==> flow/design.v <==
module sel_unit_v2 #(
   parameter XLEN = 16,
   parameter N = 64,
   parameter LG = $clog2(N)
) (
   input  clk_i,
   input  rst,
   input  enable,
   input  [N*XLEN-1:0] i_din,
   input  [LG-1:0] i_addr,
   output reg [XLEN-1:0] o_data_out
);
   reg [N*XLEN-1:0] din_ff;
   always @(posedge clk_i or posedge rst) begin
      if (rst) begin
         din_ff <= 0;
      end else if (enable) begin
         din_ff <= i_din;
      end
   end
   reg [LG-1:0] addr_ff;
   always @(posedge clk_i or posedge rst) begin
      if (rst) begin
         addr_ff <= 0;
      end else if (enable) begin
         addr_ff <= i_addr;
      end
   end
   localparam H = N / 2;
   reg [XLEN-1:0] lsb_ff;
   always @(posedge clk_i or posedge rst) begin
      if (rst) begin
         lsb_ff <= 0;
      end else if (enable) begin
         lsb_ff <= din_ff[addr_ff[LG-2:0]*XLEN +: XLEN];
      end
   end
   reg [XLEN-1:0] msb_ff;
   always @(posedge clk_i or posedge rst) begin
      if (rst) begin
         msb_ff <= 0;
      end else if (enable) begin
         msb_ff <= din_ff[(H + addr_ff[LG-2:0])*XLEN +: XLEN];
      end
   end
   reg addr_ff_d;
   always @(posedge clk_i or posedge rst) begin
      if (rst) begin
         addr_ff_d <= 1'b0;
      end else if (enable) begin
         addr_ff_d <= addr_ff[LG-1];
      end
   end
   always @(posedge clk_i or posedge rst) begin
      if (rst) begin
         o_data_out <= 0;
      end else if (enable) begin
         o_data_out <= addr_ff_d ? msb_ff : lsb_ff;
      end
   end
endmodule
Step by step through the tools: sel_unit_v2
Tool output for the design above, in the order of the flow.
Lines are those of the file above, counted from 1.
Cell names lack the library's common part.
{ "setup": {"top_module": "sel_unit_v2", "clk_port": "clk_i", "cell_library": "sky130hd", "lib_corner": "tt_025C_1v80"} }

Elaborated design
Counts by Yosys on the flattened word-level netlist (proc, flatten, opt, wreduce; memories kept). Register bits leave out memories and registers merged into their read ports (data or address); mux counts leave out enables and synchronous resets folded into registers. Print and check cells are left out. Cells with the same type and inputs are merged into one.
{ "op_classes": {"n_mul": 0, "div_mod_pow": 0, "n_cmp": 0, "eq_ne": 0, "shift": 2, "n_reduce_logical": 0, "bitwise": 0, "n_mux": 1, "n_addsub": 1} }
{ "ops": {"columns": ["cell", "n"], "rows": [
  ["1024-bit by 10-bit indexed select with 16-bit output", 1],
  ["1024-bit by 12-bit indexed select with 16-bit output", 1],
  ["16-bit two-way mux", 1],
  ["6-bit by 5-bit adder with 7-bit output with constant A", 1]
]} }
{ "word_totals": {"clocked_rd_ports_x_width": 0, "ff_bits": 1079, "ramBits": 0, "latch_bits": 0, "input_bits": 1033, "mem_bits_ro": 0, "output_inout_bits": 16, "n_memories": 0, "wordCells": 10} }

Logic depth
Longest topological path by Yosys (ltp), each cell counted once; first at word level (registers and memories cut), then after technology mapping (sequential cells cut; the memories' decode and read muxes count).
{ "logic_depth": {"ltp_word": 2, "ABC_AREA": 1, "depth_mapped": 12} }

Synthesis result
Yosys stat after the flow's synthesis: flattened, memories mapped to cells. It holds for the ABC_AREA given above (unset counts as 0); a run with the other value may have another netlist.
{ "by_type": {"columns": ["cell_type", "n", "area_total_um2"], "rows": [
  ["dfrtp_1", 1079, 2.7E+04],
  ["nand2_1", 4441, 1.67E+04],
  ["nand3_1", 864, 4.32E+03],
  ["buf_2", 164, 820.787],
  ["clkbuf_1", 182, 683.155],
  ["buf_6", 59, 664.387],
  ["o21ai_0", 38, 190.182],
  ["buf_1", 38, 142.637],
  ["buf_4", 17, 127.622],
  ["nor2_1", 16, 60.058],
  ["inv_1", 5, 18.768],
  ["buf_8", 1, 15.014],
  ["inv_8", 1, 11.261],
  ["clkinv_1", 1, 3.754],
  ["inv_2", 1, 3.754]
]} }
{ "synth_totals": {"stdcells": 6907, "ffs": 1079, "seqArea_um2": 27000.9, "buffers": 461, "synth_area_um2": 50736.2} }

Timing after synthesis
Path of least setup slack by OpenSTA after synthesis, without wires, with an ideal clock, recovery checks aside; 20% of the period is set as input and as output delay. Where synthesis merged equal registers, the netlist keeps one of their names.
{ "synth_path": {"kind": "reg2reg", "start": "register addr_ff[1]", "end": "register msb_ff[1]", "t_first_pin_ps": 0, "arrival_ps": 1284, "path_delay_ps": 1401, "slack_ps": 668, "t_required_ps": 1953, "period_ps": 2070, "driving_pins": 12, "period_less_setup_slack_ps": 1402} }
"path_delay_ps" is the arrival time less input delay plus setup time.
"driving_pins": output pins that drive a net of the path, with the launching flip-flop's if there is one; two outputs of one cell count as two.
"period_less_setup_slack_ps" = period - worst setup slack (recovery checks aside). The figure is calculated, with input and output delays left at 20% of the set period.
The rows between start and end are the longest chain of elaborated cells between them; the timing report does not say that the signal goes this way. Where chains are equally long, one stands for them.
Each line given opens the expression or statement behind the cell; cells for indexed reads and writes are added by Yosys, which also makes memories of some case tables.
{ "synth_between": {"path_cell_list": "dfrtp_1 > buf_2 > inv_2 > buf_2 > buf_2 > nand3_1 > nand3_1 > nand2_1 > nand2_1 > nand3_1 > nand3_1 > nand2_1", "elab_chain_cells": 2} }
{ "synth_rtl": {"columns": ["item", "line_no", "rtl"], "rows": [
  ["start, declared", 21, "reg [LG-1:0] addr_ff;"],
  ["start, assigned", 24, "addr_ff <= 0;"],
  ["start, assigned", 26, "addr_ff <= i_addr;"],
  ["6-bit by 5-bit adder with 7-bit output", 43, "msb_ff <= din_ff[(H + addr_ff[LG-2:0])*XLEN +: XLEN];"],
  ["1024-bit by 12-bit indexed select with 16-bit output", 43, null],
  ["end, assigned", 41, "msb_ff <= 0;"],
  ["end, assigned", 43, null],
  ["end, declared", 38, "reg [XLEN-1:0] msb_ff;"]
]} }

Timing after layout
From the final timing report of run 1: the path of least setup slack in the routed layout; clock arrival at registers is part of the times.
The report prints the path's times to 10 ps; the period is as set.
{ "layout_path": {"kind": "reg2reg", "start": "register addr_ff[0]", "end": "register lsb_ff[8]", "driving_pins": 13, "t_first_pin_ps": 730, "slack_ps": -1000, "arrival_ps": 2680, "period_ps": 1050, "t_required_ps": 1680} }
The rows between start and end are the longest chain of elaborated cells between them; the timing report does not say that the signal goes this way. Where chains are equally long, one stands for them.
{ "layout_between": {"path_cell_list": "dfrtp_4 > buf_12 > buf_16 > buf_16 > buf_16 > nand2_1 > nand3_2 > nand3_4 > nand2_4 > nand2_4 > nand3_1 > nand3_1 > nand2_1", "elab_chain_cells": 1} }
{ "layout_rtl": {"columns": ["item", "line_no", "rtl"], "rows": [
  ["start, declared", 21, "reg [LG-1:0] addr_ff;"],
  ["start, assigned", 24, "addr_ff <= 0;"],
  ["start, assigned", 26, "addr_ff <= i_addr;"],
  ["1024-bit by 10-bit indexed select with 16-bit output", 35, "lsb_ff <= din_ff[addr_ff[LG-2:0]*XLEN +: XLEN];"],
  ["end, assigned", 33, "lsb_ff <= 0;"],
  ["end, assigned", 35, null],
  ["end, declared", 30, "reg [XLEN-1:0] lsb_ff;"]
]} }

Subject: sel_unit_v2 on sky130hd, stored results

Hello all,

Top module sel_unit_v2; platform sky130hd; tools Yosys and OpenROAD; 3 stored runs in no particular order. Input and output delays are each 20% of the period that was set; the output load is 0.01 pF.
"worst_path_time_ps": the worst setup path's part of the clock period (all of it between registers, 20% less for each end at a port) less its slack. A launch clock that arrives late makes it longer, a capture clock that arrives late makes it shorter.
By "total_power_uw" is meant OpenSTA's value without simulated activity: inputs other than the clock are taken to toggle once in ten clock periods, and the tool carries that through the logic.
"worst_path_time_ps" is given in steps of 10 ps.

Run 1
==> flow/run.sh <==
#!/bin/bash
# the make line also repeats the synthesis and layout settings of config.mk as NAME=value (left out here)
make -C /OpenROAD-flow-scripts/flow DESIGN_CONFIG=/design/flow/config.mk WORK_HOME=/design/flow/orfs CLKGATE_MAP_FILE= finish
==> flow/config.mk <==
export PLATFORM = sky130hd
export DESIGN_NAME = sel_unit_v2
export DESIGN_NICKNAME = sel_unit_v2
export VERILOG_FILES = /design/flow/design.v
export SDC_FILE = /design/flow/constraint.sdc
export NUM_CORES = 4
export LEC_CHECK = 0
export ABC_AREA = 1
export CAP_MARGIN = 20
export CELL_PAD_IN_SITES_GLOBAL_PLACEMENT = 2
export CORE_ASPECT_RATIO = 0.94
export CORE_MARGIN = 2
export CORE_UTILIZATION = 35
export GPL_ROUTABILITY_DRIVEN = 0
export PLACE_DENSITY_LB_ADDON = 0.14
export SLEW_MARGIN = 5
export TNS_END_PERCENT = 100
==> flow/constraint.sdc <==
create_clock -name core_clock -period 1.05 [get_ports {clk_i}]
set_input_delay 0.2100 -clock core_clock [delete_from_list [all_inputs] [get_ports {clk_i}]]
set_output_delay 0.2100 -clock core_clock [all_outputs]
set_load 0.01 [all_outputs]

==> results of run 1, as JSON <==
{
  "total_power_uw": 120032,
  "util_pct": 53.0,
  "synth_chip_area_um2": 50736.2,
  "worst_path_time_ps": 2050,
  "worst_setup_path_type": "reg2reg",
  "worstSetupSlack_ps": -997,
  "final_stdcell_area_um2": 76353.2,
  "design_die_area_um2": 148023.0,
  "ws_hold_ps": 15
}

Run 2
==> flow/run.sh <==
#!/bin/bash
# the make line also repeats the synthesis and layout settings of config.mk as NAME=value (left out here)
make -C /OpenROAD-flow-scripts/flow DESIGN_CONFIG=/design/flow/config.mk WORK_HOME=/design/flow/orfs CLKGATE_MAP_FILE= finish
==> flow/config.mk <==
export PLATFORM = sky130hd
export DESIGN_NAME = sel_unit_v2
export DESIGN_NICKNAME = sel_unit_v2
export VERILOG_FILES = /design/flow/design.v
export SDC_FILE = /design/flow/constraint.sdc
export NUM_CORES = 4
export LEC_CHECK = 0
export CAP_MARGIN = 20
export CORE_MARGIN = 3
export CORE_UTILIZATION = 27
export CTS_CLUSTER_DIAMETER = 80
export CTS_CLUSTER_SIZE = 26
export GPL_TIMING_DRIVEN = 1
export PLACE_DENSITY = 0.68
export SLEW_MARGIN = 20
export TNS_END_PERCENT = 100
==> flow/constraint.sdc <==
create_clock -name core_clock -period 1.04 [get_ports {clk_i}]
set_input_delay 0.2080 -clock core_clock [delete_from_list [all_inputs] [get_ports {clk_i}]]
set_output_delay 0.2080 -clock core_clock [all_outputs]
set_load 0.01 [all_outputs]

==> results of run 2, as JSON <==
{
  "total_power_uw": 110934,
  "util_pct": 40.3,
  "synth_chip_area_um2": 48560.3,
  "worst_path_time_ps": 2400,
  "worst_setup_path_type": "reg2reg",
  "worstSetupSlack_ps": -1356,
  "final_stdcell_area_um2": 71949.0,
  "design_die_area_um2": 184977.0,
  "ws_hold_ps": 70
}

Run 3
==> flow/run.sh <==
#!/bin/bash
# the make line also repeats the synthesis and layout settings of config.mk as NAME=value (left out here)
make -C /OpenROAD-flow-scripts/flow DESIGN_CONFIG=/design/flow/config.mk WORK_HOME=/design/flow/orfs CLKGATE_MAP_FILE= finish
==> flow/config.mk <==
export PLATFORM = sky130hd
export DESIGN_NAME = sel_unit_v2
export DESIGN_NICKNAME = sel_unit_v2
export VERILOG_FILES = /design/flow/design.v
export SDC_FILE = /design/flow/constraint.sdc
export NUM_CORES = 4
export LEC_CHECK = 0
export CAP_MARGIN = 20
export CORE_MARGIN = 2
export CORE_UTILIZATION = 40
export SLEW_MARGIN = 20
==> flow/constraint.sdc <==
create_clock -name core_clock -period 2.07 [get_ports {clk_i}]
set_input_delay 0.4140 -clock core_clock [delete_from_list [all_inputs] [get_ports {clk_i}]]
set_output_delay 0.4140 -clock core_clock [all_outputs]
set_load 0.01 [all_outputs]

==> results of run 3, as JSON <==
{
  "total_power_uw": 58924,
  "util_pct": 57.5,
  "synth_chip_area_um2": 48560.3,
  "worst_path_time_ps": 2240,
  "worst_setup_path_type": "reg2reg",
  "worstSetupSlack_ps": -169,
  "final_stdcell_area_um2": 69123.8,
  "design_die_area_um2": 124203.0,
  "ws_hold_ps": 306
}

Thanks
